==> flow/design.v <==
module mpy #(
    parameter int WD = 9
) (
    input logic clk,
    input logic clk_en,
    input logic [WD-1:0] lhs_i,
    input logic [WD-1:0] rhs_i,
    output logic [2*WD-1:0] out_o
);
    always_ff @(posedge clk) begin
        if (clk_en) begin
            out_o <= lhs_i * rhs_i;
        end
    end
endmodule
* Tool chain data of mpy *
What the tools print for mpy, step after step.
Line numbers count from 1 in the design file above.
A cell with -- has no value.

inputs
  top = mpy
  clock port = clk
  standard-cell library = sky130hd
  corner = tt_025C_1v80

* After elaboration *
Counts by Yosys on the flattened word-level netlist (proc, flatten, opt, wreduce; memories kept). Register bits leave out memories and registers merged into their read ports (data or address); mux counts leave out enables and synchronous resets folded into registers. Print and check cells are left out. Cells with the same type and inputs are merged into one.

storage and ports
  flip-flop bits (word level) = 18
  cells after elaboration = 2

operators by class
  $mul = 1

operator list
  kind                                          number
  9-bit by 9-bit multiplier with 18-bit output  1

* Longest topological paths *
Depth = most cells in a row (Yosys ltp): at word level without a register or memory, in the mapped netlist without a sequential cell, where the memories' decode and read muxes count.

depth
  depth in word-level cells = 1
  ABC_AREA = 0
  depth in mapped cells = 17

* After synthesis *
The flow's flattened synthesis, as Yosys stat reports it; memories are mapped. The netlist is that of the ABC_AREA named above (0 if unset); the other value can give another one.
Totals and module areas in this step are rounded.

cells by type
  type                        number  area in all (µm²)
  sky130_fd_sc_hd__fa_1       50      1,000.96
  sky130_fd_sc_hd__edfxtp_1   18      540.518
  sky130_fd_sc_hd__ha_1       38      475.456
  sky130_fd_sc_hd__and2_1     53      331.568
  sky130_fd_sc_hd__inv_1      71      266.506
  sky130_fd_sc_hd__nand2_1    35      131.376
  sky130_fd_sc_hd__xnor2_1    8       70.067
  sky130_fd_sc_hd__a21oi_1    10      50.048
  sky130_fd_sc_hd__nor2_1     10      37.536
  sky130_fd_sc_hd__o21bai_1   4       30.029
  sky130_fd_sc_hd__o41ai_4    1       27.526
  sky130_fd_sc_hd__a211o_1    3       26.275
  sky130_fd_sc_hd__o21ai_0    4       20.019
  sky130_fd_sc_hd__nand2b_1   3       18.768
  sky130_fd_sc_hd__o311ai_0   2       17.517
  sky130_fd_sc_hd__a2111oi_2  1       15.014
  sky130_fd_sc_hd__a21o_1     2       15.014
  sky130_fd_sc_hd__nor3_1     3       15.014

Other cell types: 15; their cells: 18.

mapped netlist
  standard cells after synthesis = 334
  cell area after synthesis = 3,230 µm²
  sequential area = 541 µm²
  flip-flop cells = 18
  buffer cells = 3

* Path before layout *
OpenSTA on the mapped netlist: ideal clock, no wires. The path of least setup slack (recovery checks aside). Input and output delay are each 20% of the period. Register names are those of the netlist, which keeps one name where synthesis merged equal registers.

timing path after synthesis
  path type = input to register
  from = input rhs_i[2]
  to = register out_o[16]
  period = 6.17 ns
  launch time at the first pin = 1.234 ns
  arrival = 4.923 ns
  setup slack = 0.989 ns
  path delay = 3.948 ns
  stages on the path = 15
  buffers on the path = 1
  synthesis period reached = 5.181 ns

"path delay" = arrival - input delay + setup time.
"stages on the path" counts driving pins, that of a launching flip-flop among them; a cell with two outputs on the path counts twice.
"synthesis period reached" = period - worst setup slack (recovery checks aside). The figure is calculated, with input and output delays left at 20% of the set period.
The rows between start and end are the longest chain of elaborated cells between them; the timing report does not say that the signal goes this way. Where chains are equally long, one stands for them.
A line is the first line of the expression or statement that the cell stems from. Yosys adds cells for indexed reads and writes and turns some case tables into memories.

on the way, after synthesis
  cells stage by stage = sky130_fd_sc_hd__clkbuf_1 -> sky130_fd_sc_hd__nand2_1 -> sky130_fd_sc_hd__fa_1 -> sky130_fd_sc_hd__inv_1 -> sky130_fd_sc_hd__fa_1 -> sky130_fd_sc_hd__inv_1 -> sky130_fd_sc_hd__fa_1 -> sky130_fd_sc_hd__fa_1 -> sky130_fd_sc_hd__inv_1 -> sky130_fd_sc_hd__ha_1 -> sky130_fd_sc_hd__o21a_1 -> sky130_fd_sc_hd__o31a_1 -> sky130_fd_sc_hd__o41ai_4 -> sky130_fd_sc_hd__nor4bb_1 -> sky130_fd_sc_hd__a211o_1
  length of the longest elaborated chain = 1
  elaborated cells between the ends (all ways) = 1
  RTL lines with such cells = 1
  those cells by class = 1 x mul

ends and longest elaborated chain, after synthesis
  element                                       RTL line  source
  start: declaration                            7         input logic [WD-1:0] rhs_i,
  9-bit by 9-bit multiplier with 18-bit output  12        out_o <= lhs_i * rhs_i;
  end: assignment                               12
  end: declaration                              8         output logic [2*WD-1:0] out_o

* Path in the finished layout *
From the final timing report of flow run B: the path of least setup slack in the routed layout; clock arrival at registers is part of the times.

timing path after layout
  path type = input to register
  from = input lhs_i[5]
  to = register out_o[17]
  period = 6.17 ns
  launch time at the first pin = 1.23 ns
  arrival = 5.63 ns
  setup slack = 0.55 ns
  stages on the path = 13
  buffers on the path = 1

The rows between start and end are the longest chain of elaborated cells between them; the timing report does not say that the signal goes this way. Where chains are equally long, one stands for them.

on the way, after layout
  cells stage by stage = sky130_fd_sc_hd__clkdlybuf4s50_1 -> sky130_fd_sc_hd__and2_1 -> sky130_fd_sc_hd__fa_1 -> sky130_fd_sc_hd__fa_1 -> sky130_fd_sc_hd__fa_1 -> sky130_fd_sc_hd__inv_1 -> sky130_fd_sc_hd__fa_1 -> sky130_fd_sc_hd__inv_1 -> sky130_fd_sc_hd__ha_1 -> sky130_fd_sc_hd__a211o_1 -> sky130_fd_sc_hd__o21a_2 -> sky130_fd_sc_hd__a22o_1 -> sky130_fd_sc_hd__a211o_1
  length of the longest elaborated chain = 1
  elaborated cells between the ends (all ways) = 1
  RTL lines with such cells = 1
  those cells by class = 1 x mul

ends and longest elaborated chain, after layout
  element                                       RTL line  source
  start: declaration                            6         input logic [WD-1:0] lhs_i,
  9-bit by 9-bit multiplier with 18-bit output  12        out_o <= lhs_i * rhs_i;
  end: assignment                               12
  end: declaration                              8         output logic [2*WD-1:0] out_o

Memo
Re: implementation data of mpy

Below are 3 stored runs of the flow (Yosys, OpenROAD; platform sky130hd) on mpy, each with its settings and what was measured, unordered. Constraints: input delay and output delay 20% of the set period each, output load 0.01 pF.
"achieved period": clock period set for the run, less the worst setup slack. It is reckoned from that one timing run; input and output delays stay at 20% of the period that was set.
"critical setup path time": the worst setup path's part of the clock period (all of it between registers, 20% less for each end at a port) less its slack. A launch clock that arrives late makes it longer, a capture clock that arrives late makes it shorter.
"power consumption" is the tool's figure for a default switching activity; nothing was simulated.
Measured values are rounded.
Settings: n/a = not set for that run.
Results: n/a = not shown.

item                                   flow run A  flow run B         flow run C
period_ns                              3.54        6.17               4.44
CORE_UTILIZATION                       71          40                 52
SETUP_SLACK_MARGIN                     0.11        n/a                n/a
PLACE_DENSITY                          0.72        n/a                n/a
HOLD_SLACK_MARGIN                      0.27        n/a                n/a
CELL_PAD_IN_SITES_GLOBAL_PLACEMENT     3           n/a                n/a
CTS_CLUSTER_DIAMETER                   90          n/a                n/a
SLEW_MARGIN                            0           20                 20
CAP_MARGIN                             20          20                 20
CORE_MARGIN                            2           2                  2
PLACE_DENSITY_LB_ADDON                 n/a         n/a                0.03
ABC_AREA                               n/a         n/a                1
GPL_ROUTABILITY_DRIVEN                 n/a         n/a                1
CTS_CLUSTER_SIZE                       n/a         n/a                18
MAX_ROUTING_LAYER                      n/a         n/a                met5
critical setup path time (ns)          n/a         4.39               3.36
worst setup path type                  n/a         input to register  input to register
power consumption (uW)                 n/a         1,240              2,160
achieved period (ns)                   n/a         5.621              4.246
standard-cell area after layout (µm²)  n/a         3,770              4,230
chip area in the Yosys report (µm²)    n/a         3,230              3,440
setup slack of the critical path (ns)  n/a         0.549              0.194
area inside the die boundary (µm²)     n/a         8,810              7,270
lowest hold slack (ns)                 n/a         1.92               1.11
post-route utilization (%)             n/a         48.5               66.2
setup total negative slack (ns)        n/a         0.000              0.000

Flow run A: no final report: placement broke off with GPL-0301
